==> flow/design.v <==
module addsub_blk #(
  parameter NBITS = 5
) (
  input aclk,
  input srst,
  input [NBITS-1:0] in0,
  input [NBITS-1:0] in1,
  output [NBITS-1:0] result,
  output borrow
);
  reg [NBITS-1:0] in0_d1;
  reg [NBITS-1:0] in1_d1;
  always @(posedge aclk or posedge srst) begin
    if (srst) begin
      in0_d1 <= 0;
      in1_d1 <= 0;
    end else begin
      in0_d1 <= in0;
      in1_d1 <= in1;
    end
  end
  wire [NBITS:0] nxt;
  assign nxt = {1'b0, in0_d1} - {1'b0, in1_d1};
  assign result = nxt[NBITS-1:0];
  assign borrow = nxt[NBITS];
endmodule
Step by step through the tools: addsub_blk --
What the tools print for addsub_blk, step after step. Line numbers count from 1 in the design file above. Operators: Yosys type, input widths -> output width; for muxes data width and select width s. Library cell names are shortened. The mark n/a stands for no value.
Inputs: design top addsub_blk, clock aclk, library sky130hd, timing corner tt_025C_1v80

Word-level counts --
Counts by Yosys on the flattened word-level netlist (proc, flatten, opt, wreduce; memories kept). Register bits leave out memories and registers merged into their read ports (data or address); mux counts leave out enables and synchronous resets folded into registers. Print and check cells are left out. Cells with the same type and inputs are merged into one.
Storage and ports: flip-flop bits (word level) 10, latch bits 0, memory bits (writable) 0, bits in read-only memories 0, word width x clocked read ports 0, memory cells 0, output and inout bits 6, word-level cells 3
Operators by class: add/sub/neg operators 1, multiply operators 0, div/mod/pow operators 0, magnitude comparators 0, equal/unequal tests 0, shifts and indexed selects 0, mux-type cells 0, bitwise operators 0, reductions and logical operators 0
Operators with widths (count):
- $sub 5x5->6 | 1

Depth --
Yosys ltp: most cells in a row. Word level: on the elaborated netlist, between registers, memories and ports. Mapped: between sequential cells and ports; inverters and the memories' decode and read muxes count.
Logic depth: depth in word-level cells 1, ABC_AREA 0, gate-level depth with buffers 6

Synthesis result --
Source: synth_stat.txt of the flow (Yosys; design flattened, memories mapped). It holds for the ABC_AREA given above (unset counts as 0); a run with the other value may have another netlist. Totals and module areas in this step are rounded.
Cells by type (count):
- dfrtp_1 | 10
- ha_1 | 5
- inv_1 | 9
- fa_1 | 1
- a21oi_2 | 2
- xor2_1 | 2
- nor2_1 | 4
- nand2b_1 | 2
- xnor2_1 | 1
- o22ai_1 | 1
- or2_2 | 1
- a21oi_1 | 1
- o21ai_0 | 1
Synthesis totals: cells in the netlist 40, mapped area 460.4 µm², flip-flop cells 10, buffers 0

Timing after synthesis --
Path of least setup slack by OpenSTA after synthesis, without wires, with an ideal clock, recovery checks aside; 20% of the period is set as input and as output delay. Where synthesis merged equal registers, the netlist keeps one of their names.
Timing path post-synthesis: path type register -> output, start register in0_d1[0], end output port result[4], period 2.25 ns, external output delay 0.450 ns, launch time at the first pin 0.000 ns, data arrival time 1.438 ns, required time 1.800 ns, setup slack 0.362 ns, delay of the path 1.438 ns, stages on the path 7, path buffers 0, synthesis period reached 1.888 ns
"delay of the path" = arrival - input delay + setup time. At an output port there is no setup time. "stages on the path": output pins that drive a net of the path, with the launching flip-flop's if there is one; two outputs of one cell count as two. "synthesis period reached" = period - worst setup slack (recovery checks aside). The figure is calculated, with input and output delays left at 20% of the set period. The rows between start and end are the longest chain of elaborated cells between them; the timing report does not say that the signal goes this way. Where chains are equally long, one stands for them. A line is the first line of the expression or statement that the cell stems from. Yosys adds cells for indexed reads and writes and turns some case tables into memories.
On the way, post-synthesis: path through dfrtp_1 inv_1 ha_1 fa_1 nand2b_1 a21oi_2 xor2_1, length of the longest elaborated chain 1, elaborated cells on any way between the ends 1, RTL lines with such cells 1, classes of those cells 1 x add/sub
RTL lines, path post-synthesis:
- start, declared | RTL line 11 | reg [NBITS-1:0] in0_d1;
- start, assigned | RTL line 15 | in0_d1 <= 0;
- start, assigned | RTL line 18 | in0_d1 <= in0;
- $sub 5x5->6 | RTL line 23 | assign nxt = {1'b0, in0_d1} - {1'b0, in1_d1};
- end, declared | RTL line 8 | output [NBITS-1:0] result,

Timing after layout --
From the final timing report of stored run 2: the path of least setup slack in the routed layout; clock arrival at registers is part of the times.
Timing path after layout: path type register -> output, start register in0_d1[0], end output port result[1], period 2.38 ns, external output delay 0.48 ns, launch time at the first pin 0.25 ns, data arrival time 1.85 ns, required time 1.90 ns, setup slack 0.05 ns, stages on the path 6, path buffers 1
The rows between start and end are the longest chain of elaborated cells between them; the timing report does not say that the signal goes this way. Where chains are equally long, one stands for them.
On the way, after layout: path through dfrtp_1 inv_1 ha_1 fa_2 inv_1 clkdlybuf4s50_1, length of the longest elaborated chain 1, elaborated cells on any way between the ends 1, RTL lines with such cells 1, classes of those cells 1 x add/sub
RTL lines, path after layout:
- start, declared | RTL line 11 | reg [NBITS-1:0] in0_d1;
- start, assigned | RTL line 15 | in0_d1 <= 0;
- start, assigned | RTL line 18 | in0_d1 <= in0;
- $sub 5x5->6 | RTL line 23 | assign nxt = {1'b0, in0_d1} - {1'b0, in1_d1};
- end, declared | RTL line 8 | output [NBITS-1:0] result,

# Flow runs of addsub_blk

Flow measurements of addsub_blk on sky130hd: 3 stored runs with different settings, listed in no order. Input and output delays are each 20% of the period that was set; the output load is 0.01 pF.
"achieved clock period": clock period set for the run, less the worst setup slack. It is reckoned from that one timing run; input and output delays stay at 20% of the period that was set.
By "worst path time" is meant the share of the clock period that the worst setup path is allowed (20% is reserved at inputs, 20% at outputs), minus its slack. Clock arrival times at its registers enter into it.
"power consumption" is the tool's figure for a default switching activity; nothing was simulated.
Results are given in rounded form.

[stored run 1] flow files
==> flow/run.sh <==
#!/bin/bash
# the make line also repeats the synthesis and layout settings of config.mk as NAME=value (left out here)
make -C /OpenROAD-flow-scripts/flow DESIGN_CONFIG=/design/flow/config.mk WORK_HOME=/design/flow/orfs CLKGATE_MAP_FILE= finish
==> flow/config.mk <==
export PLATFORM = sky130hd
export DESIGN_NAME = addsub_blk
export DESIGN_NICKNAME = addsub_blk
export VERILOG_FILES = /design/flow/design.v
export SDC_FILE = /design/flow/constraint.sdc
export NUM_CORES = 4
export LEC_CHECK = 0
export ABC_AREA = 0
export CAP_MARGIN = 20
export CORE_MARGIN = 2
export CORE_UTILIZATION = 66
export MAX_ROUTING_LAYER = met5
export PLACE_DENSITY_LB_ADDON = 0.09
export SLEW_MARGIN = 20
export TNS_END_PERCENT = 30
==> flow/constraint.sdc <==
create_clock -name core_clock -period 1.5 [get_ports {aclk}]
set_input_delay 0.3000 -clock core_clock [delete_from_list [all_inputs] [get_ports {aclk}]]
set_output_delay 0.3000 -clock core_clock [all_outputs]
set_load 0.01 [all_outputs]

[stored run 1] result: no final report: floorplanning broke off with PDN-0185

[stored run 2] flow files
==> flow/run.sh <==
#!/bin/bash
# the make line also repeats the synthesis and layout settings of config.mk as NAME=value (left out here)
make -C /OpenROAD-flow-scripts/flow DESIGN_CONFIG=/design/flow/config.mk WORK_HOME=/design/flow/orfs CLKGATE_MAP_FILE= finish
==> flow/config.mk <==
export PLATFORM = sky130hd
export DESIGN_NAME = addsub_blk
export DESIGN_NICKNAME = addsub_blk
export VERILOG_FILES = /design/flow/design.v
export SDC_FILE = /design/flow/constraint.sdc
export NUM_CORES = 4
export LEC_CHECK = 0
export CAP_MARGIN = 20
export CELL_PAD_IN_SITES_GLOBAL_PLACEMENT = 1
export CORE_ASPECT_RATIO = 0.72
export CORE_MARGIN = 2
export CORE_UTILIZATION = 29
export PLACE_DENSITY_LB_ADDON = 0.13
export SLEW_MARGIN = 20
export TNS_END_PERCENT = 25
==> flow/constraint.sdc <==
create_clock -name core_clock -period 2.38 [get_ports {aclk}]
set_input_delay 0.4760 -clock core_clock [delete_from_list [all_inputs] [get_ports {aclk}]]
set_output_delay 0.4760 -clock core_clock [all_outputs]
set_load 0.01 [all_outputs]

[stored run 2] result: power consumption 391.7 uW; area inside the die boundary 1927 µm²; synthesis area 460.4 µm²; final setup TNS 0.000 ns; worst path time 1.85 ns; worst setup path kind register -> output; setup slack of the critical path 0.053 ns; utilization after layout 45.4 %; standard-cell area of the final layout 688.2 µm²; achieved clock period 2.327 ns

[stored run 3] flow files
==> flow/run.sh <==
#!/bin/bash
# the make line also repeats the synthesis and layout settings of config.mk as NAME=value (left out here)
make -C /OpenROAD-flow-scripts/flow DESIGN_CONFIG=/design/flow/config.mk WORK_HOME=/design/flow/orfs CLKGATE_MAP_FILE= finish
==> flow/config.mk <==
export PLATFORM = sky130hd
export DESIGN_NAME = addsub_blk
export DESIGN_NICKNAME = addsub_blk
export VERILOG_FILES = /design/flow/design.v
export SDC_FILE = /design/flow/constraint.sdc
export NUM_CORES = 4
export LEC_CHECK = 0
export CAP_MARGIN = 20
export CORE_MARGIN = 2
export CORE_UTILIZATION = 40
export SLEW_MARGIN = 20
==> flow/constraint.sdc <==
create_clock -name core_clock -period 2.25 [get_ports {aclk}]
set_input_delay 0.4500 -clock core_clock [delete_from_list [all_inputs] [get_ports {aclk}]]
set_output_delay 0.4500 -clock core_clock [all_outputs]
set_load 0.01 [all_outputs]

[stored run 3] result: power consumption 453.3 uW; area inside the die boundary 1438 µm²; synthesis area 460.4 µm²; final setup TNS 0.000 ns; worst path time 1.69 ns; worst setup path kind register -> output; setup slack of the critical path 0.110 ns; utilization after layout 64.0 %; standard-cell area of the final layout 701.9 µm²; achieved clock period 2.140 ns
